==> flow/design.v <==
module alu_mult_v2 #(
    parameter NBITS = 11
) (
    input  wire core_clk,
    input  wire [NBITS-1:0] da_in,
    input  wire [NBITS-1:0] db_in,
    output wire [2*NBITS-1:0] result_out
);
    reg [2*NBITS-1:0] cur;
    integer i;
    always @(*) begin
        cur = 0;
        for (i = 0; i < NBITS; i = i + 1)
            if (db_in[i]) cur = cur + (da_in << i);
    end
    reg [2*NBITS-1:0] result_s;
    always @(posedge core_clk) begin
        result_s <= cur;
    end
    assign result_out = result_s;
endmodule
From RTL to reports: alu_mult_v2
Tool output for the design above, in the order of the flow.
Lines are those of the file above, counted from 1.
Cell names lack the library's common part.
{ "design": {"design": "alu_mult_v2", "clk_port": "core_clk", "lib": "sky130hd", "lib_corner": "tt_025C_1v80"} }

After elaboration
Source: Yosys, flattened and elaborated, memories not mapped. Widths are those after wreduce; folded enables and synchronous resets count as part of the registers. Registers that Yosys merges into a memory's read port (data or address) are not register bits. Print and check cells do not count. Equal cells are merged and count once.
{ "word_totals": {"in_bits": 23, "mem_bits_ro": 0, "out_inout_bits": 22, "n_memories": 0, "latch_bits": 0, "ram_bits": 0, "wordCells": 22, "clocked_rd_ports_x_width": 0, "regBits": 22} }
{ "classes": {"n_reduce_logical": 0, "div": 0, "n_cmp": 0, "logic": 0, "eq_ne": 0, "add_sub_neg": 10, "n_mux": 11, "mul": 0, "shift": 0} }
{ "ops": {"columns": ["cell", "n"], "rows": [
  ["2-to-1 mux 22 bit", 10],
  ["adder 22 x 12 -> 22 bit", 1],
  ["adder 22 x 13 -> 22 bit", 1],
  ["adder 22 x 14 -> 22 bit", 1],
  ["adder 22 x 15 -> 22 bit", 1],
  ["adder 22 x 16 -> 22 bit", 1],
  ["adder 22 x 17 -> 22 bit", 1],
  ["adder 22 x 18 -> 22 bit", 1],
  ["adder 22 x 19 -> 22 bit", 1],
  ["adder 22 x 20 -> 22 bit", 1],
  ["adder 22 x 21 -> 22 bit", 1],
  ["2-to-1 mux 11 bit", 1]
]} }

Longest topological paths
Longest topological path by Yosys (ltp), each cell counted once; first at word level (registers and memories cut), then after technology mapping (sequential cells cut; the memories' decode and read muxes count).
{ "depth": {"depth_word": 21, "ABC_AREA": 0, "ltp_mapped": 73, "ltp_nobuf": 70} }

Mapped cells and area
The flow's flattened synthesis, as Yosys stat reports it; memories are mapped. The netlist is that of the ABC_AREA named above (0 if unset); the other value can give another one.
{ "synth_totals": {"sequential_area_um2": 440.4, "ffs": 22, "cells": 992, "yosys_area_um2": 7185.6} }
{ "by_type": {"columns": ["cell_type", "n"], "rows": [
  ["ha_1", 114],
  ["dfxtp_1", 22],
  ["a21oi_1", 79],
  ["nand2_1", 95],
  ["o21ai_0", 71],
  ["xnor2_1", 40],
  ["nor2_1", 78],
  ["mux2_2", 21],
  ["xor2_1", 27],
  ["a21o_1", 28],
  ["inv_1", 55],
  ["fa_1", 10],
  ["o21a_1", 20],
  ["a31oi_1", 22],
  ["nor3_1", 27],
  ["a211oi_1", 17],
  ["nor2b_1", 20],
  ["mux2i_1", 10]
]} }
Not listed: further types 61, cells in them 236.

Worst setup path after synthesis
OpenSTA on the mapped netlist: ideal clock, no wires. The path of least setup slack (recovery checks aside). Input and output delay are each 20% of the period. Register names are those of the netlist, which keeps one name where synthesis merged equal registers.
{ "synth_timing": {"kind": "input to register", "from": "in db_in[0]", "to": "reg result_s[20]", "path_delay_ns": 12.463, "arrival_time_ns": 16.242, "in_delay_ns": 3.900, "n_path_buf": 3, "t_required_ns": 19.379, "slack_ns": 3.137, "stages": 67, "period_ns": 19.5, "synth_period_reached_ns": 16.363} }
"path_delay_ns" is the arrival time less input delay plus setup time.
"stages": output pins that drive a net of the path, with the launching flip-flop's if there is one; two outputs of one cell count as two.
"synth_period_reached_ns" = period - worst setup slack (recovery checks aside). The figure is calculated, with input and output delays left at 20% of the set period.
The rows between start and end are the longest chain of elaborated cells between them; the timing report does not say that the signal goes this way. Where chains are equally long, one stands for them.
Each line given opens the expression or statement behind the cell; cells for indexed reads and writes are added by Yosys, which also makes memories of some case tables.
{ "synth_via": {"path_cell_list": "buf_2 > buf_4 > clkbuf_1 > and2_1 > ha_1 > inv_1 > fa_1 > nand2b_1 > a21oi_1 > and3b_1 > o21ai_1 > xor2_1 > ha_1 > and2_1 > a21boi_0 > xnor2_1 > nand2_1 > o31a_1 > [31 not listed] > a21o_1 > ha_1 > or4_1 > nand2_1 > xnor2_1 > mux2_2 > ha_1 > or2_2 > a21oi_1 > a21oi_1 > a31oi_1 > xnor2_1 > mux2_2 > ha_1 > a21o_1 > a31oi_1 > xnor2_1 > mux2_2", "elab_chain_len": 21} }
{ "synth_lines": {"columns": ["element", "line_no", "text"], "rows": [
  ["from (decl)", 6, "input  wire [NBITS-1:0] db_in,"],
  ["2-to-1 mux 11 bit", 14, "if (db_in[i]) cur = cur + (da_in << i);"],
  ["adder 22 x 12 -> 22 bit", 14, null],
  ["2-to-1 mux 22 bit", 14, null],
  ["adder 22 x 13 -> 22 bit", 14, null],
  ["2-to-1 mux 22 bit", 14, null],
  ["adder 22 x 14 -> 22 bit", 14, null],
  ["2-to-1 mux 22 bit", 14, null],
  ["[7 not listed]", null, null],
  ["2-to-1 mux 22 bit", 14, null],
  ["adder 22 x 19 -> 22 bit", 14, null],
  ["2-to-1 mux 22 bit", 14, null],
  ["adder 22 x 20 -> 22 bit", 14, null],
  ["2-to-1 mux 22 bit", 14, null],
  ["adder 22 x 21 -> 22 bit", 14, null],
  ["2-to-1 mux 22 bit", 14, null],
  ["to (assign)", 18, "result_s <= cur;"],
  ["to (decl)", 16, "reg [2*NBITS-1:0] result_s;"]
]} }

Timing after layout
From the final timing report of flow run 2: the path of least setup slack in the routed layout; clock arrival at registers is part of the times.
{ "layout_timing": {"kind": "input to register", "from": "in db_in[0]", "to": "reg result_s[19]", "stages": 63, "t_required_ns": 19.66, "in_delay_ns": 3.90, "arrival_time_ns": 18.14, "period_ns": 19.5, "n_path_buf": 2, "slack_ns": 1.52} }
The rows between start and end are the longest chain of elaborated cells between them; the timing report does not say that the signal goes this way. Where chains are equally long, one stands for them.
{ "layout_via": {"path_cell_list": "clkdlybuf4s50_1 > buf_4 > and2_1 > ha_1 > inv_1 > fa_1 > nand2b_1 > a21oi_1 > nor2_1 > nand4_1 > nand2_1 > ha_1 > o211ai_1 > o21ai_0 > xnor2_1 > a21oi_1 > ha_1 > o21a_1 > [27 not listed] > ha_1 > or4_1 > a41oi_1 > xnor2_1 > nand2_1 > o221ai_1 > ha_1 > a21oi_1 > o21ai_0 > nand2_1 > xor2_1 > mux2i_1 > ha_1 > a21o_1 > a41oi_1 > xnor2_1 > and2_0 > a221o_1", "elab_chain_len": 21} }
{ "layout_lines": {"columns": ["element", "line_no", "text"], "rows": [
  ["from (decl)", 6, "input  wire [NBITS-1:0] db_in,"],
  ["2-to-1 mux 11 bit", 14, "if (db_in[i]) cur = cur + (da_in << i);"],
  ["adder 22 x 12 -> 22 bit", 14, null],
  ["2-to-1 mux 22 bit", 14, null],
  ["adder 22 x 13 -> 22 bit", 14, null],
  ["2-to-1 mux 22 bit", 14, null],
  ["adder 22 x 14 -> 22 bit", 14, null],
  ["2-to-1 mux 22 bit", 14, null],
  ["[7 not listed]", null, null],
  ["2-to-1 mux 22 bit", 14, null],
  ["adder 22 x 19 -> 22 bit", 14, null],
  ["2-to-1 mux 22 bit", 14, null],
  ["adder 22 x 20 -> 22 bit", 14, null],
  ["2-to-1 mux 22 bit", 14, null],
  ["adder 22 x 21 -> 22 bit", 14, null],
  ["2-to-1 mux 22 bit", 14, null],
  ["to (assign)", 18, "result_s <= cur;"],
  ["to (decl)", 16, "reg [2*NBITS-1:0] result_s;"]
]} }

Below are 3 stored runs of the flow (Yosys, OpenROAD; platform sky130hd) on alu_mult_v2, each with its settings and what was measured, unordered. Constraints: input delay and output delay 20% of the set period each, output load 0.01 pF.
"clock_period_reached_ns": clock period set for the run, less the worst setup slack. It is reckoned from that one timing run; input and output delays stay at 20% of the period that was set.
"worst_path_ns" = time allowed to the worst setup path (clock period - input delay - output delay, where it has them) - its slack; a late launch clock adds to it, a late capture clock takes from it.
"total_power_w" rests on the timing tool's default activity at the inputs, not on a simulated workload.
[
  {
    "run": "flow run 1",
    "settings": { "period_ns": 15.0, "CORE_UTILIZATION": 64, "SETUP_SLACK_MARGIN": 2.91, "PLACE_DENSITY": 0.56, "CORE_MARGIN": 7, "CELL_PAD_IN_SITES_DETAIL_PLACEMENT": 2, "ABC_AREA": 0, "GPL_TIMING_DRIVEN": 1, "CTS_CLUSTER_SIZE": 97, "MIN_ROUTING_LAYER": "met1", "CAP_MARGIN": 20, "SLEW_MARGIN": 20 },
    "outcome": "did not finish, placement stopped with a tool error"
  },
  {
    "run": "flow run 2",
    "settings": { "period_ns": 19.5, "CAP_MARGIN": 20, "CORE_MARGIN": 2, "CORE_UTILIZATION": 40, "SLEW_MARGIN": 20 },
    "results": { "worst_path_ns": 14.08, "timing.worst_path_kind": "input to register", "fin_hold_ws_ns": 4.438, "finish.utilization_pct": 45.0, "clock_period_reached_ns": 17.983, "final_setup_ws_ns": 1.517, "total_power_w": 0.001402, "design_die_area_um2": 19052.3, "synth_chip_area_um2": 7185.6 }
  },
  {
    "run": "flow run 3",
    "settings": { "period_ns": 22.5, "CORE_UTILIZATION": 39, "PLACE_DENSITY": 0.72, "HOLD_SLACK_MARGIN": 0.09, "CORE_ASPECT_RATIO": 0.54, "TNS_END_PERCENT": 10, "ABC_AREA": 0, "GPL_ROUTABILITY_DRIVEN": 0, "CTS_CLUSTER_SIZE": 73, "CTS_CLUSTER_DIAMETER": 91, "CAP_MARGIN": 25, "SLEW_MARGIN": 35, "MAX_ROUTING_LAYER": "met5", "CORE_MARGIN": 2 },
    "results": { "worst_path_ns": 15.34, "timing.worst_path_kind": "input to register", "fin_hold_ws_ns": 5.099, "finish.utilization_pct": 44.1, "clock_period_reached_ns": 19.845, "final_setup_ws_ns": 2.655, "total_power_w": 0.001274, "design_die_area_um2": 19578.2, "synth_chip_area_um2": 7185.6 }
  }
]
